==> flow/design.v <==
module u_shifter_top #(
   parameter integer BITS = 28,
   parameter integer LG = $clog2(BITS)
) (
   input  core_clk,
   input  RST,
   input  signed [BITS-1:0] i_d,
   input  [LG-1:0] i_count,
   output [BITS-1:0] o_z_o
);
   reg signed [BITS-1:0] d_reg;
   reg [LG-1:0] count_reg;
   reg signed [BITS-1:0] t_reg;
   reg [1:0] count_reg_lo;
   reg [BITS-1:0] z_o_reg;
   assign o_z_o = z_o_reg;
   always @(posedge core_clk) begin
      if (RST) begin
         d_reg <= 0;
         count_reg <= 0;
         t_reg <= 0;
         count_reg_lo <= 0;
         z_o_reg <= 0;
      end else begin
         d_reg <= i_d;
         count_reg <= i_count;
         t_reg <= d_reg >>> {count_reg[LG-1:2], 2'b00};
         count_reg_lo <= count_reg[1:0];
         z_o_reg <= t_reg >>> count_reg_lo;
      end
   end
endmodule
## Step by step through the tools: u_shifter_top

Tool output for the design above, in the order of the flow.
Line numbers count from 1 in the design file above.
Library cell names are shortened.
A cell with -- has no value.

| set-up | value |
|---|---|
| top | u_shifter_top |
| clock | core_clk |
| cell library | sky130hd |
| library corner | tt_025C_1v80 |

## After elaboration

Counts by Yosys on the flattened word-level netlist (proc, flatten, opt, wreduce; memories kept). Register bits leave out memories and registers merged into their read ports (data or address); mux counts leave out enables and synchronous resets folded into registers. Print and check cells are left out. Cells with the same type and inputs are merged into one.

| bit counts | value |
|---|---|
| bits in registers | 91 |
| input port bits | 35 |
| output and inout port bits | 28 |
| word-level cells | 7 |

| cells by class | value |
|---|---|
| shifts and indexed selects | 2 |

Operators with widths:

| operator | count |
|---|---|
| >>> shifter 28 x 2 -> 28 bit | 1 |
| >>> shifter 28 x 5 -> 28 bit | 1 |

## Depth

Longest topological path by Yosys (ltp), each cell counted once; first at word level (registers and memories cut), then after technology mapping (sequential cells cut; the memories' decode and read muxes count).

| logic depth | value |
|---|---|
| depth in word-level cells | 1 |
| ABC_AREA | 0 |
| mapped depth | 6 |
| gate-level depth less buffers | 3 |

## Netlist

The flow's flattened synthesis, as Yosys stat reports it; memories are mapped. The netlist is that of the ABC_AREA named above (0 if unset); the other value can give another one.
Totals and module areas in this step are rounded.

Cells by type:

| cell type | count | area in all (µm²) |
|---|---|---|
| dfxtp_1 | 91 | 1.82E+03 |
| mux4_2 | 29 | 653.126 |
| nor2b_1 | 66 | 412.896 |
| mux2_4 | 11 | 165.158 |
| a211oi_1 | 12 | 90.086 |
| buf_12 | 4 | 80.077 |
| buf_6 | 7 | 78.826 |
| a21oi_1 | 14 | 70.067 |
| mux2i_4 | 3 | 67.565 |
| nor2_1 | 16 | 60.058 |
| mux2_1 | 3 | 33.782 |
| mux2_2 | 3 | 33.782 |
| buf_4 | 4 | 30.029 |
| clkbuf_1 | 8 | 30.029 |
| o211ai_1 | 4 | 30.029 |
| mux4_1 | 1 | 26.275 |
| nand2_1 | 7 | 26.275 |
| nand2b_1 | 4 | 25.024 |

Other cell types: 19; their cells: 39.

| synthesis totals | value |
|---|---|
| mapped cells | 326 |
| mapped area | 0.003995 mm² |
| sequential part of the area | 0.001822 mm² |
| flip-flop cells | 91 |
| buffers | 27 |

## Worst setup path after synthesis

OpenSTA on the mapped netlist: ideal clock, no wires. The path of least setup slack (recovery checks aside). Input and output delay are each 20% of the period. Register names are those of the netlist, which keeps one name where synthesis merged equal registers.

| timing path post-synthesis | value |
|---|---|
| path kind | register to register |
| start | register count_reg_lo[0] |
| end | register z_o_reg[2] |
| period | 1.58 ns |
| setup time | 0.128 ns |
| launch time at the first pin | 0.000 ns |
| arrival time | 1.134 ns |
| setup slack | 0.318 ns |
| path delay | 1.262 ns |
| stages | 4 |
| path buffers | 1 |
| synthesis period reached | 1.262 ns |

"path delay" = arrival - input delay + setup time.
"stages": output pins that drive a net of the path, with the launching flip-flop's if there is one; two outputs of one cell count as two.
"synthesis period reached" = period - worst setup slack (recovery checks aside). The figure is calculated, with input and output delays left at 20% of the set period.
Between the ends stands the longest chain of elaborated cells between them, by number of cells; it is not shown to be the way that was timed. Of several equally long chains one is given.
Each line given opens the expression or statement behind the cell; cells for indexed reads and writes are added by Yosys, which also makes memories of some case tables.

| on the way, post-synthesis | value |
|---|---|
| path through | dfxtp_1 -> buf_6 -> mux4_2 -> nor2b_1 |
| cells in the longest elaborated chain | 1 |
| elaborated cells between the ends (all ways) | 1 |
| RTL lines with such cells | 1 |
| those cells by class | shift: 1 |

RTL lines, path post-synthesis:

| element | line | RTL |
|---|---|---|
| start, declared | 14 | `reg [1:0] count_reg_lo;` |
| start, assigned | 22 | `count_reg_lo <= 0;` |
| start, assigned | 28 | `count_reg_lo <= count_reg[1:0];` |
| >>> shifter 28 x 2 -> 28 bit | 29 | `z_o_reg <= t_reg >>> count_reg_lo;` |
| end, assigned | 23 | `z_o_reg <= 0;` |
| end, assigned | 29 |  |
| end, declared | 15 | `reg [BITS-1:0] z_o_reg;` |

## Timing after layout

From the final timing report of run A: the path of least setup slack in the routed layout; clock arrival at registers is part of the times.

| timing path post-layout | value |
|---|---|
| path kind | register to output |
| start | register z_o_reg[19] |
| end | output port o_z_o[19] |
| period | 1.58 ns |
| launch time at the first pin | 0.36 ns |
| arrival time | 1.21 ns |
| setup slack | 0.05 ns |
| stages | 2 |
| path buffers | 1 |

| on the way, post-layout | value |
|---|---|
| path through | dfxtp_1 -> clkdlybuf4s50_1 |
| cells in the longest elaborated chain | 0 |
| elaborated cells between the ends (all ways) | 0 |
| RTL lines with such cells | 0 |

RTL lines, path post-layout:

| element | line | RTL |
|---|---|---|
| start, declared | 15 | `reg [BITS-1:0] z_o_reg;` |
| start, assigned | 23 | `z_o_reg <= 0;` |
| start, assigned | 29 | `z_o_reg <= t_reg >>> count_reg_lo;` |
| end, declared | 9 | `output [BITS-1:0] o_z_o` |

FLOW RESULTS
============

Settings and measured results of 3 stored flow runs for module u_shifter_top (sky130hd), not sorted in any way. The constraints put input and output delay at 20% of the set period each and load the outputs with 0.01 pF.
"period achieved" is the run's clock period less its worst setup slack. It is reckoned from that one timing run; input and output delays stay at 20% of the period that was set.
By "critical setup path time" is meant the share of the clock period that the worst setup path is allowed (20% is reserved at inputs, 20% at outputs), minus its slack. Clock arrival times at its registers enter into it.
"power consumption" is the tool's figure for a default switching activity; nothing was simulated.
Results are given in rounded form.

#### Run A

| setting | value |
|---|---|
| period_ns | `1.58` |
| CAP_MARGIN | `20` |
| CORE_MARGIN | `2` |
| CORE_UTILIZATION | `40` |
| SLEW_MARGIN | `20` |

| result | value |
|---|---|
| period achieved | 1.529 ns |
| standard-cell area after routing | 0.004875 mm² |
| power consumption | 4.754 mW |
| worst hold slack in the final report | 0.316 ns |
| area of the synthesized netlist | 0.003995 mm² |
| critical setup path time | 1.21 ns |
| worst setup path kind | register to output |
| utilization after layout | 0.501 |
| die outline area | 0.0108 mm² |
| worst setup slack after layout | 0.051 ns |
| total negative slack | 0.000 ns |

#### Run B

| setting | value |
|---|---|
| period_ns | `1.11` |
| CORE_UTILIZATION | `35` |
| HOLD_SLACK_MARGIN | `0.26` |
| TNS_END_PERCENT | `50` |
| ABC_AREA | `0` |
| GPL_ROUTABILITY_DRIVEN | `1` |
| MIN_ROUTING_LAYER | `met1` |
| MAX_ROUTING_LAYER | `met5` |
| CAP_MARGIN | `20` |
| CORE_MARGIN | `2` |
| SLEW_MARGIN | `20` |

| result | value |
|---|---|
| period achieved | 1.334 ns |
| standard-cell area after routing | 0.005451 mm² |
| power consumption | 7.786 mW |
| worst hold slack in the final report | 0.327 ns |
| area of the synthesized netlist | 0.003995 mm² |
| critical setup path time | 1.33 ns |
| worst setup path kind | register to register |
| utilization after layout | 0.484 |
| die outline area | 0.01229 mm² |
| worst setup slack after layout | -0.224 ns |
| total negative slack | -7.890 ns |

#### Run C

| setting | value |
|---|---|
| period_ns | `1.99` |
| CORE_UTILIZATION | `40` |
| PLACE_DENSITY_LB_ADDON | `0.14` |
| CORE_ASPECT_RATIO | `1.5` |
| CELL_PAD_IN_SITES_GLOBAL_PLACEMENT | `1` |
| ABC_AREA | `0` |
| CTS_CLUSTER_SIZE | `17` |
| CTS_CLUSTER_DIAMETER | `177` |
| CAP_MARGIN | `25` |
| SLEW_MARGIN | `10` |
| MIN_ROUTING_LAYER | `met1` |
| MAX_ROUTING_LAYER | `met5` |
| CORE_MARGIN | `2` |

| result | value |
|---|---|
| period achieved | 1.575 ns |
| standard-cell area after routing | 0.004972 mm² |
| power consumption | 4.330 mW |
| worst hold slack in the final report | 0.352 ns |
| area of the synthesized netlist | 0.003995 mm² |
| critical setup path time | 1.57 ns |
| worst setup path kind | register to register |
| utilization after layout | 0.513 |
| die outline area | 0.01082 mm² |
| worst setup slack after layout | 0.415 ns |
| total negative slack | 0.000 ns |
